==> flow/design.v <==
module my_data_mux_n #(
    parameter integer DATA_W = 10
) (
    input  wire clock,
    input  wire aresetn,
    input  wire [DATA_W-1:0] bus0_i,
    input  wire [DATA_W-1:0] bus1_i,
    input  wire [DATA_W-1:0] bus2_i,
    input  wire [DATA_W-1:0] bus3_i,
    input  wire [DATA_W-1:0] bus4_i,
    input  wire [DATA_W-1:0] bus5_i,
    input  wire [DATA_W-1:0] bus6_i,
    input  wire [2:0] pick_i,
    output reg [DATA_W-1:0] data_out_o
);
    reg [DATA_W-1:0] val;
    always @* begin
        case (pick_i)
            3'd0: val = bus0_i;
            3'd1: val = bus1_i;
            3'd2: val = bus2_i;
            3'd3: val = bus3_i;
            3'd4: val = bus4_i;
            3'd5: val = bus5_i;
            default: val = bus6_i;
        endcase
    end
    always @(posedge clock) begin
        if (~aresetn) begin
            data_out_o <= 0;
        end else begin
            data_out_o <= val;
        end
    end
endmodule
From RTL to reports: my_data_mux_n
Tool output for the design above, in the order of the flow.
Lines are those of the file above, counted from 1.
Operators carry their Yosys type and port widths (W data, S select, Z words).
Cell names lack the library's common part.
{"block": "setup", "top_module": "my_data_mux_n", "clock_port": "clock", "lib": "sky130hd", "corner": "tt_025C_1v80"}

Word level
Counts by Yosys on the flattened word-level netlist (proc, flatten, opt, wreduce; memories kept). Register bits leave out memories and registers merged into their read ports (data or address); mux counts leave out enables and synchronous resets folded into registers. Print and check cells are left out. Cells with the same type and inputs are merged into one.
{"block": "classes", "equal": 5, "n_mux": 1, "reduce_and_logical": 1}
{"block": "op_table", "op": "$pmux W10 S6", "n": 1}
{"block": "op_table", "op": "$eq A3 B2 Y1 const B", "n": 2}
{"block": "op_table", "op": "$eq A3 B3 Y1 const B", "n": 2}
{"block": "op_table", "op": "$eq A3 B1 Y1 const B", "n": 1}
{"block": "op_table", "op": "$logic_not A3 Y1", "n": 1}
{"block": "word_totals", "reg_bits": 10, "input_bits": 75, "output_inout_bits": 10}

Depth
Depth = most cells in a row (Yosys ltp): at word level without a register or memory, in the mapped netlist without a sequential cell, where the memories' decode and read muxes count.
{"block": "depth", "ltp_word": 2, "ABC_AREA": 0, "mapped_depth": 6, "mapped_depth_nobuf": 4}

Netlist
Source: synth_stat.txt of the flow (Yosys; design flattened, memories mapped). It holds for the ABC_AREA given above (unset counts as 0); a run with the other value may have another netlist.
{"block": "types", "cell_type": "dfxtp_1", "n": 10}
{"block": "types", "cell_type": "mux2i_1", "n": 20}
{"block": "types", "cell_type": "mux4_2", "n": 6}
{"block": "types", "cell_type": "buf_6", "n": 5}
{"block": "types", "cell_type": "nor2b_1", "n": 6}
{"block": "types", "cell_type": "a32oi_1", "n": 4}
{"block": "types", "cell_type": "a211oi_1", "n": 4}
{"block": "types", "cell_type": "o21a_1", "n": 4}
{"block": "types", "cell_type": "o21ai_0", "n": 6}
{"block": "types", "cell_type": "nand2_1", "n": 6}
{"block": "types", "cell_type": "a21oi_1", "n": 4}
{"block": "types", "cell_type": "buf_12", "n": 1}
{"block": "types", "cell_type": "o21ai_1", "n": 4}
{"block": "types", "cell_type": "nor3b_2", "n": 1}
{"block": "types", "cell_type": "clkdlybuf4s25_2", "n": 1}
{"block": "types", "cell_type": "nand2b_1", "n": 1}
{"block": "types", "cell_type": "buf_2", "n": 1}
{"block": "types", "cell_type": "inv_1", "n": 1}
{"block": "synth_totals", "cells": 85, "area_um2": 874.6, "flip_flops": 10, "buffers": 8}

Path before layout
Source: OpenSTA report_checks on the synthesized netlist (no wires, ideal clock, input and output delay 20% of the period each), path of least setup slack; recovery checks are left aside. Register names are those of the netlist, which keeps one name where synthesis merged equal registers.
{"block": "synth_timing", "path_type": "input -> register", "start": "in pick_i[0]", "end": "reg data_out_o[0]", "clock_period_ps": 1450, "in_delay_ps": 290, "t_first_pin_ps": 290, "arrival_ps": 1105, "t_required_ps": 1334, "setup_slack_ps": 229, "path_delay_ps": 931, "driving_pins": 4, "n_path_buf": 1, "synth_period_reached_ps": 1221}
"path_delay_ps" = arrival - input delay + setup time.
"driving_pins" counts driving pins, that of a launching flip-flop among them; a cell with two outputs on the path counts twice.
"synth_period_reached_ps" is the clock period less the worst setup slack; recovery checks do not enter. This is arithmetic on one report: input and output delays are still those of the set period (20% each).
The rows between start and end are the longest chain of elaborated cells between them; the timing report does not say that the signal goes this way. Where chains are equally long, one stands for them.
A line is the first line of the expression or statement that the cell stems from. Yosys adds cells for indexed reads and writes and turns some case tables into memories.
{"block": "synth_via", "path_cell_list": "buf_6 -> mux4_2 -> mux2i_1 -> nor2b_1", "elab_chain_cells": 2, "cells_between": 7, "lines_between": 1}
{"block": "synth_rtl", "item": "start: declaration", "line": 13, "rtl": "input  wire [2:0] pick_i,"}
{"block": "synth_rtl", "item": "$eq A3 B3 Y1", "line": 18, "rtl": "case (pick_i)"}
{"block": "synth_rtl", "item": "$pmux W10 S6", "line": 18}
{"block": "synth_rtl", "item": "end: assignment", "line": 30, "rtl": "data_out_o <= 0;"}
{"block": "synth_rtl", "item": "end: assignment", "line": 32, "rtl": "data_out_o <= val;"}
{"block": "synth_rtl", "item": "end: declaration", "line": 14, "rtl": "output reg [DATA_W-1:0] data_out_o"}

Path in the finished layout
Path of least setup slack in the final report of entry A (OpenROAD, finished layout, wires in). Where an end is a register, its clock arrival counts in the times.
The report prints the path's times to 10 ps; the period is as set.
{"block": "layout_timing", "path_type": "register -> output", "start": "reg data_out_o[6]", "end": "out data_out_o[6]", "clock_period_ps": 1450, "output_delay_ps": 290, "t_first_pin_ps": 260, "arrival_ps": 1110, "t_required_ps": 1160, "setup_slack_ps": 50, "driving_pins": 2, "n_path_buf": 1}
{"block": "layout_via", "path_cell_list": "dfxtp_1 -> clkdlybuf4s50_1", "elab_chain_cells": 0, "cells_between": 0, "lines_between": 0}
{"block": "layout_rtl", "item": "start: declaration", "line": 14, "rtl": "output reg [DATA_W-1:0] data_out_o"}
{"block": "layout_rtl", "item": "start: assignment", "line": 30, "rtl": "data_out_o <= 0;"}
{"block": "layout_rtl", "item": "start: assignment", "line": 32, "rtl": "data_out_o <= val;"}
{"block": "layout_rtl", "item": "end: declaration", "line": 14}

==> runs of my_data_mux_n <==
Record of 3 stored runs of the RTL-to-layout flow on my_data_mux_n, platform sky130hd. The runs are unordered. Constraints: input delay and output delay 20% of the set period each, output load 0.01 pF.
By "clock_period_reached_ps" is meant the clock period of the run minus its worst setup slack. This is arithmetic on one report: input and output delays are still those of the set period (20% each).
"worst_setup_path_time_ps": the worst setup path's part of the clock period (all of it between registers, 20% less for each end at a port) less its slack. A launch clock that arrives late makes it longer, a capture clock that arrives late makes it shorter.
"fin_power_w" is the tool's figure for a default switching activity; nothing was simulated.
"worst_setup_path_time_ps" is known to 10 ps.

{"run": "entry A", "settings": { "period_ns": 1.45, "CAP_MARGIN": 20, "CORE_MARGIN": 2, "CORE_UTILIZATION": 40, "SLEW_MARGIN": 20 }, "results": { "synth_chip_area_um2": 874.6, "final_die_area_um2": 2576.6, "clock_period_reached_ps": 1401, "fin_power_w": 0.0009427, "hold_ws_ps": 768, "worst_setup_slack_ps": 49, "worst_setup_path_time_ps": 1110, "worstPathKind": "register -> output", "setup_tns_ps": 0, "layout_utilization_frac": 0.879, "finish.stdcell_area_um2": 1778.0 }}
{"run": "entry B", "settings": { "period_ns": 1.07, "CORE_UTILIZATION": 60, "PLACE_DENSITY": 0.74, "CORE_MARGIN": 10, "CELL_PAD_IN_SITES_GLOBAL_PLACEMENT": 2, "CTS_CLUSTER_SIZE": 95, "CAP_MARGIN": 15, "SLEW_MARGIN": 20 }, "outcome": "not finished: placement ended with error GPL-0301"}
{"run": "entry C", "settings": { "period_ns": 1.44, "CORE_UTILIZATION": 53, "SETUP_SLACK_MARGIN": 0.4, "PLACE_DENSITY_LB_ADDON": 0.14, "CORE_ASPECT_RATIO": 0.88, "GPL_ROUTABILITY_DRIVEN": 0, "CAP_MARGIN": 40, "MIN_ROUTING_LAYER": "met1", "CORE_MARGIN": 2, "SLEW_MARGIN": 20 }, "outcome": "not finished: placement ended with error FLW-0024"}
